==> flow/design.v <==
module cpu_selector_p #(
   parameter DW = 10
) (
   input wire CLK,
   input wire rst_i,
   input wire [DW-1:0] i_din0,
   input wire [DW-1:0] i_din1,
   input wire [DW-1:0] i_din2,
   input wire [DW-1:0] i_din3,
   input wire [DW-1:0] i_din4,
   input wire [DW-1:0] i_din5,
   input wire [DW-1:0] i_din6,
   input wire [DW-1:0] i_din7,
   input wire [6:0] i_s,
   output reg [DW-1:0] o_result
);
   reg [DW-1:0] din0_d1;
   reg [DW-1:0] din1_d1;
   reg [DW-1:0] din2_d1;
   reg [DW-1:0] din3_d1;
   reg [DW-1:0] din4_d1;
   reg [DW-1:0] din5_d1;
   reg [DW-1:0] din6_d1;
   reg [DW-1:0] din7_d1;
   reg [6:0] s_d1;
   always @(posedge CLK or posedge rst_i) begin
      if (rst_i) begin
         din0_d1 <= 0;
         din1_d1 <= 0;
         din2_d1 <= 0;
         din3_d1 <= 0;
         din4_d1 <= 0;
         din5_d1 <= 0;
         din6_d1 <= 0;
         din7_d1 <= 0;
         s_d1 <= 0;
      end else begin
         din0_d1 <= i_din0;
         din1_d1 <= i_din1;
         din2_d1 <= i_din2;
         din3_d1 <= i_din3;
         din4_d1 <= i_din4;
         din5_d1 <= i_din5;
         din6_d1 <= i_din6;
         din7_d1 <= i_din7;
         s_d1 <= i_s;
      end
   end
   reg [DW-1:0] val;
   always @(*) begin
      casez (s_d1)
         7'b??????1: val = din0_d1;
         7'b?????10: val = din1_d1;
         7'b????100: val = din2_d1;
         7'b???1000: val = din3_d1;
         7'b??10000: val = din4_d1;
         7'b?100000: val = din5_d1;
         7'b1000000: val = din6_d1;
         default: val = din7_d1;
      endcase
   end
   always @(posedge CLK or posedge rst_i) begin
      if (rst_i) begin
         o_result <= 0;
      end else begin
         o_result <= val;
      end
   end
endmodule
# == Reports on cpu_selector_p ==
# What the tools print for cpu_selector_p, step after step.
# Lines are those of the file above, counted from 1.
# Library cell names are shortened.
# The mark - stands for no value.
# design
top,cpu_selector_p
clock_port,CLK
lib,sky130hd
corner,tt_025C_1v80

# == Word-level counts ==
# Source: Yosys, flattened and elaborated, memories not mapped. Widths are those after wreduce; folded enables and synchronous resets count as part of the registers. Registers that Yosys merges into a memory's read port (data or address) are not register bits. Print and check cells do not count. Equal cells are merged and count once.
# bits
regBits,97
input_bits,89
out_inout_bits,10
# op_classes
equal,6
muxes,1
# ops
cell,n
10-bit case mux with 7-bit select,1
7-bit == test (second input constant),1
6-bit == test (second input constant),1
5-bit == test (second input constant),1
4-bit == test (second input constant),1
3-bit == test (second input constant),1
2-bit == test (second input constant),1

# == Logic depth ==
# Longest topological path by Yosys (ltp), each cell counted once; first at word level (registers and memories cut), then after technology mapping (sequential cells cut; the memories' decode and read muxes count).
# logic_depth
word_depth,2
ABC_AREA,0
depth_mapped,4
ltp_nobuf,3

# == Synthesis result ==
# Yosys stat after the flow's synthesis: flattened, memories mapped to cells. It holds for the ABC_AREA given above (unset counts as 0); a run with the other value may have another netlist.
# The area totals of this step are shown rounded.
# mapped
cell_count,204
mapped_area_um2,3160
ffs,97
buffers,10
# by_type
cell_type,n
dfrtp_1,97
nor2b_1,21
a32o_1,10
o32a_1,10
a2111oi_0,9
nand3b_1,10
a31oi_1,10
inv_1,12
nand2_1,10
clkbuf_1,7
a2111oi_2,1
nor4b_2,1
or4_1,2
nor4_2,1
buf_2,2
buf_1,1

# == Timing after synthesis ==
# Path of least setup slack by OpenSTA after synthesis, without wires, with an ideal clock, recovery checks aside; 20% of the period is set as input and as output delay. Where synthesis merged equal registers, the netlist keeps one of their names.
# synth_timing
kind,register -> register
startpoint,reg s_d1[1]
endpoint,reg o_result[0]
tclk_ns,2.21
launch_ns,0.000
arrival_time_ns,1.643
t_required_ns,2.084
slack_ns,0.441
path_delay_ns,1.769
driving_pins,5
n_path_buf,1
period_less_setup_slack_ns,1.769
# "path_delay_ns" = arrival - input delay + setup time.
# "driving_pins": output pins that drive a net of the path, with the launching flip-flop's if there is one; two outputs of one cell count as two.
# "period_less_setup_slack_ns" = period - worst setup slack (recovery checks aside). The figure is calculated, with input and output delays left at 20% of the set period.
# Between the ends stands the longest chain of elaborated cells between them, by number of cells; it is not shown to be the way that was timed. Of several equally long chains one is given.
# A line is the first line of the expression or statement that the cell stems from. Yosys adds cells for indexed reads and writes and turns some case tables into memories.
# synth_between
path_cell_list,dfrtp_1 or4_1 or4_1 buf_2 o32a_1
elab_chain_len,2
cone_cells,7
lines_between,1
classes_between,6 x eq/ne; 1 x mux
# synth_rtl
element,line,rtl
start: declaration,25,reg [6:0] s_d1;
start: assignment,36,s_d1 <= 0;
start: assignment,46,s_d1 <= i_s;
7-bit == test,51,casez (s_d1)
10-bit case mux with 7-bit select,51,
end: assignment,64,o_result <= 0;
end: assignment,66,o_result <= val;
end: declaration,15,output reg [DW-1:0] o_result

# == Timing after layout ==
# From the final timing report of job 1: the path of least setup slack in the routed layout; clock arrival at registers is part of the times.
# layout_timing
kind,register -> register
startpoint,reg s_d1[2]
endpoint,reg o_result[8]
tclk_ns,2.87
launch_ns,0.36
arrival_time_ns,2.63
t_required_ns,3.11
slack_ns,0.48
driving_pins,4
n_path_buf,0
# Between the ends stands the longest chain of elaborated cells between them, by number of cells; it is not shown to be the way that was timed. Of several equally long chains one is given.
# layout_between
path_cell_list,dfrtp_1 or4_1 or4_1 o32a_1
elab_chain_len,2
cone_cells,6
lines_between,1
classes_between,5 x eq/ne; 1 x mux
# layout_rtl
element,line,rtl
start: declaration,25,reg [6:0] s_d1;
start: assignment,36,s_d1 <= 0;
start: assignment,46,s_d1 <= i_s;
7-bit == test,51,casez (s_d1)
10-bit case mux with 7-bit select,51,
end: assignment,64,o_result <= 0;
end: assignment,66,o_result <= val;
end: declaration,15,output reg [DW-1:0] o_result

# Design cpu_selector_p on sky130hd. What follows are 3 stored runs of the flow, each under its own settings; their order means nothing. The constraints put input and output delay at 20% of the set period each and load the outputs with 0.01 pF.
# "period_reached_ns": clock period set for the run, less the worst setup slack. It is reckoned from that one timing run; input and output delays stay at 20% of the period that was set.
# "timing.worst_path_ns" means the part of the period allowed to the worst setup path (the constraints hold back 20% at inputs and 20% at outputs) less its slack; where the path has registers, the arrival times of their clocks count too.
# "final_power_mw": no workload was simulated; the value follows from the tool's default switching activity.
# The measured numbers are rounded.
# Settings: n/a = not set for that run.
run,period_ns,CORE_UTILIZATION,SETUP_SLACK_MARGIN,PLACE_DENSITY_LB_ADDON,CORE_ASPECT_RATIO,CELL_PAD_IN_SITES_GLOBAL_PLACEMENT,CELL_PAD_IN_SITES_DETAIL_PLACEMENT,ABC_AREA,CTS_CLUSTER_SIZE,SLEW_MARGIN,MIN_ROUTING_LAYER,MAX_ROUTING_LAYER,CAP_MARGIN,CORE_MARGIN,GPL_TIMING_DRIVEN,GPL_ROUTABILITY_DRIVEN,ws_setup_ns,period_reached_ns,fin_tns_ns,synth_chip_area_um2,util_frac,stdcell_area_um2,final_power_mw,timing.worst_path_ns,timing.worst_path_kind,die_footprint_um2
job 1,2.87,42,0.35,0.19,0.81,1,0,0,46,20,met2,met4,20,2,n/a,n/a,0.480,2.390,0.000,3160,0.61,4450,2.62,2.39,register -> register,8230
job 2,2.21,40,n/a,n/a,n/a,n/a,n/a,n/a,n/a,20,n/a,n/a,20,2,n/a,n/a,0.140,2.070,0.000,3160,0.59,4540,3.41,2.07,register -> register,8620
job 3,2.35,36,0.15,0.14,n/a,n/a,n/a,0,n/a,20,n/a,met4,35,6,1,0,0.339,2.011,0.000,3160,0.54,4500,3.18,2.01,register -> register,11200
